==> flow/design.v <==
module core_multiplier_top_add_row #(parameter N = 4) (
    input wire [N-1:0] a,
    input wire sel,
    input wire [N-1:0] pin,
    output wire [N:0] pout
);
    assign pout = pin + (a & {N{sel}});
endmodule
module core_multiplier_top #(
    parameter WD = 8
) (
    input wire CLK,
    input wire RSTN,
    input wire ce,
    input wire [WD-1:0] A,
    input wire [WD-1:0] B,
    output wire [2*WD-1:0] result
);
    reg [WD-1:0] A_r;
    always @(posedge CLK) begin
        if (~RSTN) begin
            A_r <= 0;
        end else if (ce) begin
            A_r <= A;
        end
    end
    reg [WD-1:0] B_r;
    always @(posedge CLK) begin
        if (~RSTN) begin
            B_r <= 0;
        end else if (ce) begin
            B_r <= B;
        end
    end
    wire [WD:0] n_ [0:WD];
    wire [WD-1:0] lo;
    assign n_[0] = 0;
    genvar k;
    generate
        for (k = 0; k < WD; k = k + 1) begin : stage
            core_multiplier_top_add_row #(.N(WD)) unit (.a(A_r), .sel(B_r[k]), .pin(n_[k][WD:1]), .pout(n_[k+1]));
            assign lo[k] = n_[k+1][0];
        end
    endgenerate
    assign result = {n_[WD][WD:1], lo};
endmodule
======== Step by step through the tools: core_multiplier_top ========
What the tools print for core_multiplier_top, step after step.
Lines are those of the file above, counted from 1.
Operators carry their Yosys type and port widths (W data, S select, Z words).
Not given: n/a
design
  top module .............................. core_multiplier_top
  clock input ............................. CLK
  standard-cell library ................... sky130hd
  library corner .......................... tt_025C_1v80

======== Word level ========
Yosys after proc, flatten, opt, wreduce and memory -nomap, before mapping. Enables and synchronous resets that opt folds into registers are not counted as muxes. Memory bits, and registers merged into a memory's read port (data or address), are not among the register bits. Print and check cells are not counted. Equal cells are merged and count once.
bit counts
  flip-flop bits (word level) ............. 16
  input port bits ......................... 19
  output and inout port bits .............. 16
  elaborated cells ........................ 17
operators by class
  add/sub/neg operators ................... 7
  bitwise gates (word level) .............. 8
operators by type and width
  operator       count
  $and A8 B8 Y8  8
  $add A8 B9 Y9  6
  $add A7 B9 Y9  1

======== Logic depth ========
Depth = most cells in a row (Yosys ltp): at word level without a register or memory, in the mapped netlist without a sequential cell, where the memories' decode and read muxes count.
logic depth
  word-level depth ........................ 8
  ABC_AREA ................................ 0
  mapped depth ............................ 38
  depth with buffers taken out ............ 38

======== Synthesis result ========
Source: synth_stat.txt of the flow (Yosys; design flattened, memories mapped). It holds for the ABC_AREA given above (unset counts as 0); a run with the other value may have another netlist.
Totals and module areas in this step are rounded.
cell types
  cell                       count  area in all (um^2)
  sky130_fd_sc_hd__ha_1      55     688.16
  sky130_fd_sc_hd__and2_1    59     369.104
  sky130_fd_sc_hd__dfxtp_1   16     320.307
  sky130_fd_sc_hd__xnor2_1   26     227.718
  sky130_fd_sc_hd__mux2i_1   17     170.163
  sky130_fd_sc_hd__fa_1      7      140.134
  sky130_fd_sc_hd__nor2b_1   22     137.632
  sky130_fd_sc_hd__inv_1     31     116.362
  sky130_fd_sc_hd__a21o_1    12     90.086
  sky130_fd_sc_hd__a21oi_1   17     85.082
  sky130_fd_sc_hd__o21bai_1  10     75.072
  sky130_fd_sc_hd__xor2_1    8      70.067
  sky130_fd_sc_hd__nor2_1    18     67.565
  sky130_fd_sc_hd__a21oi_2   7      61.309
  sky130_fd_sc_hd__o21ai_0   12     60.058
  sky130_fd_sc_hd__nand2_1   15     56.304
  sky130_fd_sc_hd__o21ai_2   5      43.792
  sky130_fd_sc_hd__a31oi_1   6      37.536
Not listed: further types 22, cells in them 34.
synthesis totals
  mapped cells ............................ 377
  synthesis area .......................... 0.003092 mm^2
  sequential area ......................... 0.0003203 mm^2
  flip-flops .............................. 16
  buffers ................................. 3
The figures by module come from a second, unflattened synthesis with its own total; it is not the netlist above.
unflattened totals
  cells (unflattened synthesis) ........... 452
  area (unflattened synthesis) ............ 0.003612 mm^2
Rows give one instance, submodules left out.
by module
  module                              times used  cells  area (mm^2)  sequential area (mm^2)
  core_multiplier_top_add_row #(N=8)  8           50     0.0003741    0
  core_multiplier_top                 1           52     0.0006193    0.0003203

======== Path before layout ========
Path of least setup slack by OpenSTA after synthesis, without wires, with an ideal clock, recovery checks aside; 20% of the period is set as input and as output delay. Where synthesis merged equal registers, the netlist keeps one of their names.
timing path after synthesis
  kind .................................... register -> output
  start point ............................. register A_r[1]
  end point ............................... output port result[14]
  period .................................. 9.95 ns
  output delay ............................ 1.990 ns
  time at the first pin ................... 0.000 ns
  data arrival time ....................... 6.367 ns
  data required time ...................... 7.960 ns
  setup slack ............................. 1.593 ns
  delay of the path ....................... 6.367 ns
  driving pins on the path ................ 37
  buffers on the path ..................... 0
  synthesis period reached ................ 8.357 ns
"delay of the path" = arrival - input delay + setup time.
A path that ends at an output port has no setup time.
"driving pins on the path": output pins that drive a net of the path, with the launching flip-flop's if there is one; two outputs of one cell count as two.
"synthesis period reached" is the clock period less the worst setup slack; recovery checks do not enter. This is arithmetic on one report: input and output delays are still those of the set period (20% each).
Between the ends stands the longest chain of elaborated cells between them, by number of cells; it is not shown to be the way that was timed. Of several equally long chains one is given.
Each line given opens the expression or statement behind the cell; cells for indexed reads and writes are added by Yosys, which also makes memories of some case tables.
between the ends, after synthesis
  cell sequence ........................... sky130_fd_sc_hd__dfxtp_1 -> sky130_fd_sc_hd__and2_1 -> sky130_fd_sc_hd__ha_1 -> sky130_fd_sc_hd__a21o_1 -> sky130_fd_sc_hd__a21oi_2 -> sky130_fd_sc_hd__o21ai_0 -> sky130_fd_sc_hd__xor2_1 -> sky130_fd_sc_hd__ha_1 -> sky130_fd_sc_hd__a21oi_1 -> sky130_fd_sc_hd__o21ai_0 -> sky130_fd_sc_hd__a21oi_1 -> sky130_fd_sc_hd__xnor2_1 -> sky130_fd_sc_hd__ha_1 -> sky130_fd_sc_hd__nand2_1 -> sky130_fd_sc_hd__a21oi_2 -> sky130_fd_sc_hd__a211oi_2 -> sky130_fd_sc_hd__xnor2_1 -> sky130_fd_sc_hd__ha_1 -> sky130_fd_sc_hd__a21oi_1 -> sky130_fd_sc_hd__o21bai_1 -> sky130_fd_sc_hd__a31oi_1 -> sky130_fd_sc_hd__xnor2_1 -> sky130_fd_sc_hd__ha_1 -> sky130_fd_sc_hd__inv_1 -> sky130_fd_sc_hd__nor3_1 -> sky130_fd_sc_hd__a221oi_1 -> sky130_fd_sc_hd__nand2_1 -> sky130_fd_sc_hd__ha_1 -> sky130_fd_sc_hd__nor2_1 -> sky130_fd_sc_hd__nor2_1 -> sky130_fd_sc_hd__o31a_1 -> sky130_fd_sc_hd__a31oi_1 -> sky130_fd_sc_hd__ha_1 -> sky130_fd_sc_hd__a21o_1 -> sky130_fd_sc_hd__a21o_1 -> sky130_fd_sc_hd__a31oi_1 -> sky130_fd_sc_hd__xnor2_1
  length of the longest elaborated chain .. 8
  elaborated cells on any way between the ends .. 15
  source lines of those cells ............. 1
  those cells by class .................... add/sub (7); logic (8)
ends and longest elaborated chain, after synthesis
  item              RTL line  source
  start, declared   19        reg [WD-1:0] A_r;
  start, assigned   22        A_r <= 0;
  start, assigned   24        A_r <= A;
  $and A8 B8 Y8     7         assign pout = pin + (a & {N{sel}});
  $add A7 B9 Y9     7
  $add A8 B9 Y9 x6  7
  end, declared     17        output wire [2*WD-1:0] result

======== Path in the finished layout ========
Path of least setup slack in the final report of stored run 2 (OpenROAD, finished layout, wires in). Where an end is a register, its clock arrival counts in the times.
timing path after layout
  kind .................................... register -> output
  start point ............................. register A_r[1]
  end point ............................... output port result[15]
  period .................................. 9.95 ns
  output delay ............................ 1.99 ns
  time at the first pin ................... 0.25 ns
  data arrival time ....................... 7.36 ns
  data required time ...................... 7.96 ns
  setup slack ............................. 0.60 ns
  driving pins on the path ................ 32
  buffers on the path ..................... 1
Between the ends stands the longest chain of elaborated cells between them, by number of cells; it is not shown to be the way that was timed. Of several equally long chains one is given.
between the ends, after layout
  cell sequence ........................... sky130_fd_sc_hd__dfxtp_2 -> sky130_fd_sc_hd__and2_1 -> sky130_fd_sc_hd__ha_1 -> sky130_fd_sc_hd__fa_1 -> sky130_fd_sc_hd__ha_1 -> sky130_fd_sc_hd__fa_1 -> sky130_fd_sc_hd__a21oi_1 -> sky130_fd_sc_hd__o21bai_1 -> sky130_fd_sc_hd__xor2_1 -> sky130_fd_sc_hd__ha_1 -> sky130_fd_sc_hd__nand3b_1 -> sky130_fd_sc_hd__a21boi_1 -> sky130_fd_sc_hd__nor2_1 -> sky130_fd_sc_hd__xnor2_1 -> sky130_fd_sc_hd__ha_1 -> sky130_fd_sc_hd__a21boi_2 -> sky130_fd_sc_hd__o31a_1 -> sky130_fd_sc_hd__a31oi_1 -> sky130_fd_sc_hd__ha_1 -> sky130_fd_sc_hd__nor2b_1 -> sky130_fd_sc_hd__a221oi_2 -> sky130_fd_sc_hd__nand2_1 -> sky130_fd_sc_hd__ha_1 -> sky130_fd_sc_hd__a21oi_1 -> sky130_fd_sc_hd__o21bai_1 -> sky130_fd_sc_hd__a31oi_1 -> sky130_fd_sc_hd__xnor2_1 -> sky130_fd_sc_hd__ha_1 -> sky130_fd_sc_hd__o21a_1 -> sky130_fd_sc_hd__a21o_1 -> sky130_fd_sc_hd__a21o_1 -> sky130_fd_sc_hd__clkdlybuf4s50_1
  length of the longest elaborated chain .. 8
  elaborated cells on any way between the ends .. 15
  source lines of those cells ............. 1
  those cells by class .................... add/sub (7); logic (8)
ends and longest elaborated chain, after layout
  item              RTL line  source
  start, declared   19        reg [WD-1:0] A_r;
  start, assigned   22        A_r <= 0;
  start, assigned   24        A_r <= A;
  $and A8 B8 Y8     7         assign pout = pin + (a & {N{sel}});
  $add A7 B9 Y9     7
  $add A8 B9 Y9 x6  7
  end, declared     17        output wire [2*WD-1:0] result

--- measured runs ---
Stored flow runs of core_multiplier_top (3 of them; Yosys, OpenROAD, sky130hd). They differ in their settings and are not a sequence. Constraints: input delay and output delay 20% of the set period each, output load 0.01 pF.
"total power of the final layout" rests on the timing tool's default activity at the inputs, not on a simulated workload.
The measured numbers are rounded.

======== stored run 1 ========
==> flow/run.sh <==
#!/bin/bash
# the make line also repeats the synthesis and layout settings of config.mk as NAME=value (left out here)
make -C /OpenROAD-flow-scripts/flow DESIGN_CONFIG=/design/flow/config.mk WORK_HOME=/design/flow/orfs CLKGATE_MAP_FILE= finish
==> flow/config.mk <==
export PLATFORM = sky130hd
export DESIGN_NAME = core_multiplier_top
export DESIGN_NICKNAME = core_multiplier_top
export VERILOG_FILES = /design/flow/design.v
export SDC_FILE = /design/flow/constraint.sdc
export NUM_CORES = 4
export LEC_CHECK = 0
export ABC_AREA = 1
export CAP_MARGIN = 25
export CELL_PAD_IN_SITES_DETAIL_PLACEMENT = 2
export CELL_PAD_IN_SITES_GLOBAL_PLACEMENT = 3
export CORE_MARGIN = 2
export CORE_UTILIZATION = 53
export GPL_TIMING_DRIVEN = 1
export PLACE_DENSITY_LB_ADDON = 0.18
export SETUP_SLACK_MARGIN = -0.03
export SLEW_MARGIN = 20
export TNS_END_PERCENT = 100
==> flow/constraint.sdc <==
create_clock -name core_clock -period 9.1 [get_ports {CLK}]
set_input_delay 1.8200 -clock core_clock [delete_from_list [all_inputs] [get_ports {CLK}]]
set_output_delay 1.8200 -clock core_clock [all_outputs]
set_load 0.01 [all_outputs]

-------- stored run 1 --------
  incomplete, placement halted on FLW-0024

======== stored run 2 ========
==> flow/run.sh <==
#!/bin/bash
# the make line also repeats the synthesis and layout settings of config.mk as NAME=value (left out here)
make -C /OpenROAD-flow-scripts/flow DESIGN_CONFIG=/design/flow/config.mk WORK_HOME=/design/flow/orfs CLKGATE_MAP_FILE= finish
==> flow/config.mk <==
export PLATFORM = sky130hd
export DESIGN_NAME = core_multiplier_top
export DESIGN_NICKNAME = core_multiplier_top
export VERILOG_FILES = /design/flow/design.v
export SDC_FILE = /design/flow/constraint.sdc
export NUM_CORES = 4
export LEC_CHECK = 0
export CAP_MARGIN = 20
export CORE_MARGIN = 2
export CORE_UTILIZATION = 40
export SLEW_MARGIN = 20
==> flow/constraint.sdc <==
create_clock -name core_clock -period 9.95 [get_ports {CLK}]
set_input_delay 1.9900 -clock core_clock [delete_from_list [all_inputs] [get_ports {CLK}]]
set_output_delay 1.9900 -clock core_clock [all_outputs]
set_load 0.01 [all_outputs]

-------- measured, stored run 2 --------
  chip area in the Yosys report ........... 0.003092 mm^2
  die area ................................ 0.008448 mm^2
  post-layout utilization ................. 48.0 %
  worst slack on setup checks ............. 0.597 ns
  post-route setup TNS .................... 0.000 ns
  worst hold slack after layout ........... 0.570 ns
  total power of the final layout ......... 0.2124 mW

======== stored run 3 ========
==> flow/run.sh <==
#!/bin/bash
# the make line also repeats the synthesis and layout settings of config.mk as NAME=value (left out here)
make -C /OpenROAD-flow-scripts/flow DESIGN_CONFIG=/design/flow/config.mk WORK_HOME=/design/flow/orfs CLKGATE_MAP_FILE= finish
==> flow/config.mk <==
export PLATFORM = sky130hd
export DESIGN_NAME = core_multiplier_top
export DESIGN_NICKNAME = core_multiplier_top
export VERILOG_FILES = /design/flow/design.v
export SDC_FILE = /design/flow/constraint.sdc
export NUM_CORES = 4
export LEC_CHECK = 0
export CAP_MARGIN = 35
export CELL_PAD_IN_SITES_DETAIL_PLACEMENT = 2
export CORE_MARGIN = 7
export CORE_UTILIZATION = 53
export CTS_CLUSTER_DIAMETER = 304
export GPL_ROUTABILITY_DRIVEN = 0
export PLACE_DENSITY_LB_ADDON = 0.08
export SETUP_SLACK_MARGIN = -0.61
export SLEW_MARGIN = 25
export TNS_END_PERCENT = 70
==> flow/constraint.sdc <==
create_clock -name core_clock -period 11.5 [get_ports {CLK}]
set_input_delay 2.3000 -clock core_clock [delete_from_list [all_inputs] [get_ports {CLK}]]
set_output_delay 2.3000 -clock core_clock [all_outputs]
set_load 0.01 [all_outputs]

-------- stored run 3 --------
  incomplete, placement halted on DPL-0033
--- end ---
